==> flow/design.v <==
module sync_sum_block_v2 #(
   parameter XLEN = 60,
   parameter SLICE = 4
) (
   input aclk,
   input RSTN,
   input [XLEN-1:0] in_src1,
   input [XLEN-1:0] in_src2,
   input in_cy_in,
   output [XLEN-1:0] out_sum,
   output out_ovf
);
   reg [XLEN-1:0] src1_d1;
   reg [XLEN-1:0] src2_d1;
   reg cy_in_d1;
   always @(posedge aclk or negedge RSTN) begin
      if (!RSTN) begin
         src1_d1 <= 0;
         src2_d1 <= 0;
         cy_in_d1 <= 1'b0;
      end else begin
         src1_d1 <= in_src1;
         src2_d1 <= in_src2;
         cy_in_d1 <= in_cy_in;
      end
   end
   localparam NG = XLEN / SLICE;
   wire [XLEN-1:0] val;
   wire [NG:0] cy;
   assign cy[0] = cy_in_d1;
   genvar ii;
   generate
      for (ii = 0; ii < NG; ii = ii + 1) begin : row
         wire [SLICE:0] s0 = src1_d1[ii*SLICE +: SLICE] + src2_d1[ii*SLICE +: SLICE];
         wire [SLICE:0] s1 = src1_d1[ii*SLICE +: SLICE] + src2_d1[ii*SLICE +: SLICE] + 1'b1;
         assign {cy[ii+1], val[ii*SLICE +: SLICE]} = cy[ii] ? s1 : s0;
      end
   endgenerate
   reg [XLEN-1:0] sum_d1;
   always @(posedge aclk or negedge RSTN) begin
      if (!RSTN) begin
         sum_d1 <= 0;
      end else begin
         sum_d1 <= val;
      end
   end
   assign out_sum = sum_d1;
   reg ovf_d1;
   always @(posedge aclk or negedge RSTN) begin
      if (!RSTN) begin
         ovf_d1 <= 1'b0;
      end else begin
         ovf_d1 <= cy[NG];
      end
   end
   assign out_ovf = ovf_d1;
endmodule
### Reports on sync_sum_block_v2

The steps from the RTL of sync_sum_block_v2 to its reports follow in flow order.
Lines are those of the file above, counted from 1.
Cell names lack the library's common part.
The mark - stands for no value.

* top: sync_sum_block_v2
* clock: aclk
* cell library: sky130hd
* corner: tt_025C_1v80

### After elaboration

Counts by Yosys on the flattened word-level netlist (proc, flatten, opt, wreduce; memories kept). Register bits leave out memories and registers merged into their read ports (data or address); mux counts leave out enables and synchronous resets folded into registers. Print and check cells are left out. Cells with the same type and inputs are merged into one.

* register bits after elaboration: 182
* output and inout bits: 61

* $add $sub $neg: 30
* multiplexer cells: 15

Operators by type and width (number)
* 4-bit by 4-bit adder with 5-bit output: 15
* 5-bit by 1-bit adder with 5-bit output with constant B: 15
* 5-bit 2-to-1 mux: 15

### Depth

Depth = most cells in a row (Yosys ltp): at word level without a register or memory, in the mapped netlist without a sequential cell, where the memories' decode and read muxes count.

* depth in word-level cells: 17
* ABC_AREA: 0
* depth in mapped cells: 21

### Synthesis result

Source: synth_stat.txt of the flow (Yosys; design flattened, memories mapped). It holds for the ABC_AREA given above (unset counts as 0); a run with the other value may have another netlist.

Cells by type (number)
* dfrtp_1: 182
* ha_1: 75
* xnor2_1: 53
* xor2_1: 36
* fa_1: 15
* a21o_1: 29
* mux2_2: 14
* a21oi_1: 31
* mux2i_1: 14
* nand4_1: 16
* nand3b_1: 9
* nand2_1: 17
* nand4b_1: 6
* nand3_1: 10
* and2_2: 6
* a41oi_2: 1
* nor2_1: 4
* mux2i_2: 1

Other cell types: 18; their cells: 20.

* cells in the netlist: 539
* cell area after synthesis: 7828.8 sq um
* sequential area: 4554.4 sq um
* mapped flip-flops: 182
* buffer cells: 0

### Timing after synthesis

Source: OpenSTA report_checks on the synthesized netlist (no wires, ideal clock, input and output delay 20% of the period each), path of least setup slack; recovery checks are left aside. Register names are those of the netlist, which keeps one name where synthesis merged equal registers.

* kind: reg2reg
* start point: register src1_d1[0]
* end point: register sum_d1[57]
* clock period: 8.07 ns
* launch time at the first pin: 0.000 ns
* arrival time: 6.325 ns
* data required time: 7.942 ns
* slack: 1.618 ns
* path delay: 6.453 ns
* stages: 22
* path buffers: 0
* period reached after synthesis: 6.452 ns

"path delay" = arrival - input delay + setup time.
"stages" counts driving pins, that of a launching flip-flop among them; a cell with two outputs on the path counts twice.
"period reached after synthesis" = period - worst setup slack (recovery checks aside). The figure is calculated, with input and output delays left at 20% of the set period.
Between the ends stands the longest chain of elaborated cells between them, by number of cells; it is not shown to be the way that was timed. Of several equally long chains one is given.
A line is the first line of the expression or statement that the cell stems from. Yosys adds cells for indexed reads and writes and turns some case tables into memories.

* path through: dfrtp_1 > ha_1 > fa_1 > ha_1 > nand2_1 > o21ai_0 > a41oi_2 > a211oi_2 > mux2i_1 > mux2i_1 > mux2i_1 > mux2i_1 > mux2i_1 > mux2i_1 > mux2i_1 > mux2i_1 > mux2i_1 > mux2i_1 > mux2i_1 > mux2i_2 > xnor2_1 > mux2_1
* cells in the longest elaborated chain: 17
* elaborated cells between the ends (all ways): 17

Ends and longest elaborated chain, post-synthesis
* from (decl): line 13 `reg [XLEN-1:0] src1_d1;`
* from (assign): line 18 `src1_d1 <= 0;`
* from (assign): line 22 `src1_d1 <= in_src1;`
* 4-bit by 4-bit adder with 5-bit output: line 35 `wire [SLICE:0] s1 = src1_d1[ii*SLICE +: SLICE] + src2_d1[ii*SLICE +: SLICE] + 1'b1;`
* 5-bit by 1-bit adder with 5-bit output: line 35
* 5-bit 2-to-1 mux x15: line 36 `assign {cy[ii+1], val[ii*SLICE +: SLICE]} = cy[ii] ? s1 : s0;`
* to (assign): line 42 `sum_d1 <= 0;`
* to (assign): line 44 `sum_d1 <= val;`
* to (decl): line 39 `reg [XLEN-1:0] sum_d1;`

### Timing after layout

Path of least setup slack in the final report of flow run A (OpenROAD, finished layout, wires in). Where an end is a register, its clock arrival counts in the times.

* kind: reg2reg
* start point: register src1_d1[0]
* end point: register sum_d1[57]
* clock period: 5.95 ns
* launch time at the first pin: 0.42 ns
* arrival time: 6.97 ns
* data required time: 6.25 ns
* slack: -0.72 ns
* stages: 22
* path buffers: 0

Between the ends stands the longest chain of elaborated cells between them, by number of cells; it is not shown to be the way that was timed. Of several equally long chains one is given.

* path through: dfrtp_1 > ha_2 > fa_1 > ha_2 > nand2_4 > o21bai_1 > o31ai_1 > a211oi_2 > mux2i_2 > mux2i_2 > mux2i_2 > mux2i_2 > mux2i_2 > mux2i_2 > mux2i_2 > mux2i_2 > mux2i_2 > mux2i_2 > mux2i_4 > mux2i_4 > xnor2_2 > mux2_4
* cells in the longest elaborated chain: 17
* elaborated cells between the ends (all ways): 17

Ends and longest elaborated chain, after layout
* from (decl): line 13 `reg [XLEN-1:0] src1_d1;`
* from (assign): line 18 `src1_d1 <= 0;`
* from (assign): line 22 `src1_d1 <= in_src1;`
* 4-bit by 4-bit adder with 5-bit output: line 35 `wire [SLICE:0] s1 = src1_d1[ii*SLICE +: SLICE] + src2_d1[ii*SLICE +: SLICE] + 1'b1;`
* 5-bit by 1-bit adder with 5-bit output: line 35
* 5-bit 2-to-1 mux x15: line 36 `assign {cy[ii+1], val[ii*SLICE +: SLICE]} = cy[ii] ? s1 : s0;`
* to (assign): line 42 `sum_d1 <= 0;`
* to (assign): line 44 `sum_d1 <= val;`
* to (decl): line 39 `reg [XLEN-1:0] sum_d1;`

Lab notebook: sync_sum_block_v2

Top module sync_sum_block_v2; platform sky130hd; tools Yosys and OpenROAD; 3 stored runs in no particular order. Input and output delays are each 20% of the period that was set; the output load is 0.01 pF.
"clock period achieved" = clock period - worst setup slack. The figure is calculated, with input and output delays left at 20% of the set period.
"worst path time": the worst setup path's part of the clock period (all of it between registers, 20% less for each end at a port) less its slack. A launch clock that arrives late makes it longer, a capture clock that arrives late makes it shorter.
"total power after layout" is the tool's figure for a default switching activity; nothing was simulated.

### Flow run A

==> flow/run.sh <==
#!/bin/bash
# the make line also repeats the synthesis and layout settings of config.mk as NAME=value (left out here)
make -C /OpenROAD-flow-scripts/flow DESIGN_CONFIG=/design/flow/config.mk WORK_HOME=/design/flow/orfs CLKGATE_MAP_FILE= finish
==> flow/config.mk <==
export PLATFORM = sky130hd
export DESIGN_NAME = sync_sum_block_v2
export DESIGN_NICKNAME = sync_sum_block_v2
export VERILOG_FILES = /design/flow/design.v
export SDC_FILE = /design/flow/constraint.sdc
export NUM_CORES = 4
export LEC_CHECK = 0
export CAP_MARGIN = 20
export CELL_PAD_IN_SITES_DETAIL_PLACEMENT = 0
export CORE_MARGIN = 8
export CORE_UTILIZATION = 55
export GPL_ROUTABILITY_DRIVEN = 0
export GPL_TIMING_DRIVEN = 0
export PLACE_DENSITY_LB_ADDON = 0.08
export SETUP_SLACK_MARGIN = 0.99
export SLEW_MARGIN = 20
export TNS_END_PERCENT = 5
==> flow/constraint.sdc <==
create_clock -name core_clock -period 5.95 [get_ports {aclk}]
set_input_delay 1.1900 -clock core_clock [delete_from_list [all_inputs] [get_ports {aclk}]]
set_output_delay 1.1900 -clock core_clock [all_outputs]
set_load 0.01 [all_outputs]

Results of flow run A:
- Total power after layout: 3.492 mW
- Clock period achieved: 6.667 ns
- Die outline area: 18307.4 sq um
- Setup slack of the worst path: -0.717 ns
- Chip area in the Yosys report: 7828.8 sq um
- Utilization: 0.785
- Worst path time: 6.67 ns
- Worst path kind: reg2reg
- Standard-cell area of the final layout: 10900.5 sq um
- Summed negative setup slack: -5.928 ns

### Flow run B

==> flow/run.sh <==
#!/bin/bash
# the make line also repeats the synthesis and layout settings of config.mk as NAME=value (left out here)
make -C /OpenROAD-flow-scripts/flow DESIGN_CONFIG=/design/flow/config.mk WORK_HOME=/design/flow/orfs CLKGATE_MAP_FILE= finish
==> flow/config.mk <==
export PLATFORM = sky130hd
export DESIGN_NAME = sync_sum_block_v2
export DESIGN_NICKNAME = sync_sum_block_v2
export VERILOG_FILES = /design/flow/design.v
export SDC_FILE = /design/flow/constraint.sdc
export NUM_CORES = 4
export LEC_CHECK = 0
export CAP_MARGIN = 20
export CORE_MARGIN = 2
export CORE_UTILIZATION = 40
export SLEW_MARGIN = 20
==> flow/constraint.sdc <==
create_clock -name core_clock -period 8.07 [get_ports {aclk}]
set_input_delay 1.6140 -clock core_clock [delete_from_list [all_inputs] [get_ports {aclk}]]
set_output_delay 1.6140 -clock core_clock [all_outputs]
set_load 0.01 [all_outputs]

Results of flow run B:
- Chip area in the Yosys report: 7828.8 sq um
- Clock period achieved: 7.279 ns
- Die outline area: 20707.2 sq um
- Worst path time: 7.28 ns
- Worst path kind: reg2reg
- Summed negative setup slack: 0.000 ns
- Standard-cell area of the final layout: 10627.7 sq um
- Setup slack of the worst path: 0.791 ns
- Total power after layout: 2.505 mW
- Utilization: 0.55

### Flow run C

==> flow/run.sh <==
#!/bin/bash
# the make line also repeats the synthesis and layout settings of config.mk as NAME=value (left out here)
make -C /OpenROAD-flow-scripts/flow DESIGN_CONFIG=/design/flow/config.mk WORK_HOME=/design/flow/orfs CLKGATE_MAP_FILE= finish
==> flow/config.mk <==
export PLATFORM = sky130hd
export DESIGN_NAME = sync_sum_block_v2
export DESIGN_NICKNAME = sync_sum_block_v2
export VERILOG_FILES = /design/flow/design.v
export SDC_FILE = /design/flow/constraint.sdc
export NUM_CORES = 4
export LEC_CHECK = 0
export ABC_AREA = 1
export CAP_MARGIN = 20
export CELL_PAD_IN_SITES_DETAIL_PLACEMENT = 2
export CORE_ASPECT_RATIO = 0.56
export CORE_MARGIN = 2
export CORE_UTILIZATION = 26
export GPL_ROUTABILITY_DRIVEN = 0
export GPL_TIMING_DRIVEN = 1
export MIN_ROUTING_LAYER = met2
export PLACE_DENSITY_LB_ADDON = 0.22
export SLEW_MARGIN = 30
export TNS_END_PERCENT = 80
==> flow/constraint.sdc <==
create_clock -name core_clock -period 4.34 [get_ports {aclk}]
set_input_delay 0.8680 -clock core_clock [delete_from_list [all_inputs] [get_ports {aclk}]]
set_output_delay 0.8680 -clock core_clock [all_outputs]
set_load 0.01 [all_outputs]

Results of flow run C:
- Die outline area: 33090.7 sq um
- Summed negative setup slack: 0.000 ns
- Clock period achieved: 4.129 ns
- Utilization: 0.371
- Chip area in the Yosys report: 8214.1 sq um
- Setup slack of the worst path: 0.211 ns
- Standard-cell area of the final layout: 11483.5 sq um
- Total power after layout: 5.478 mW
- Worst path time: 4.13 ns
- Worst path kind: reg2reg
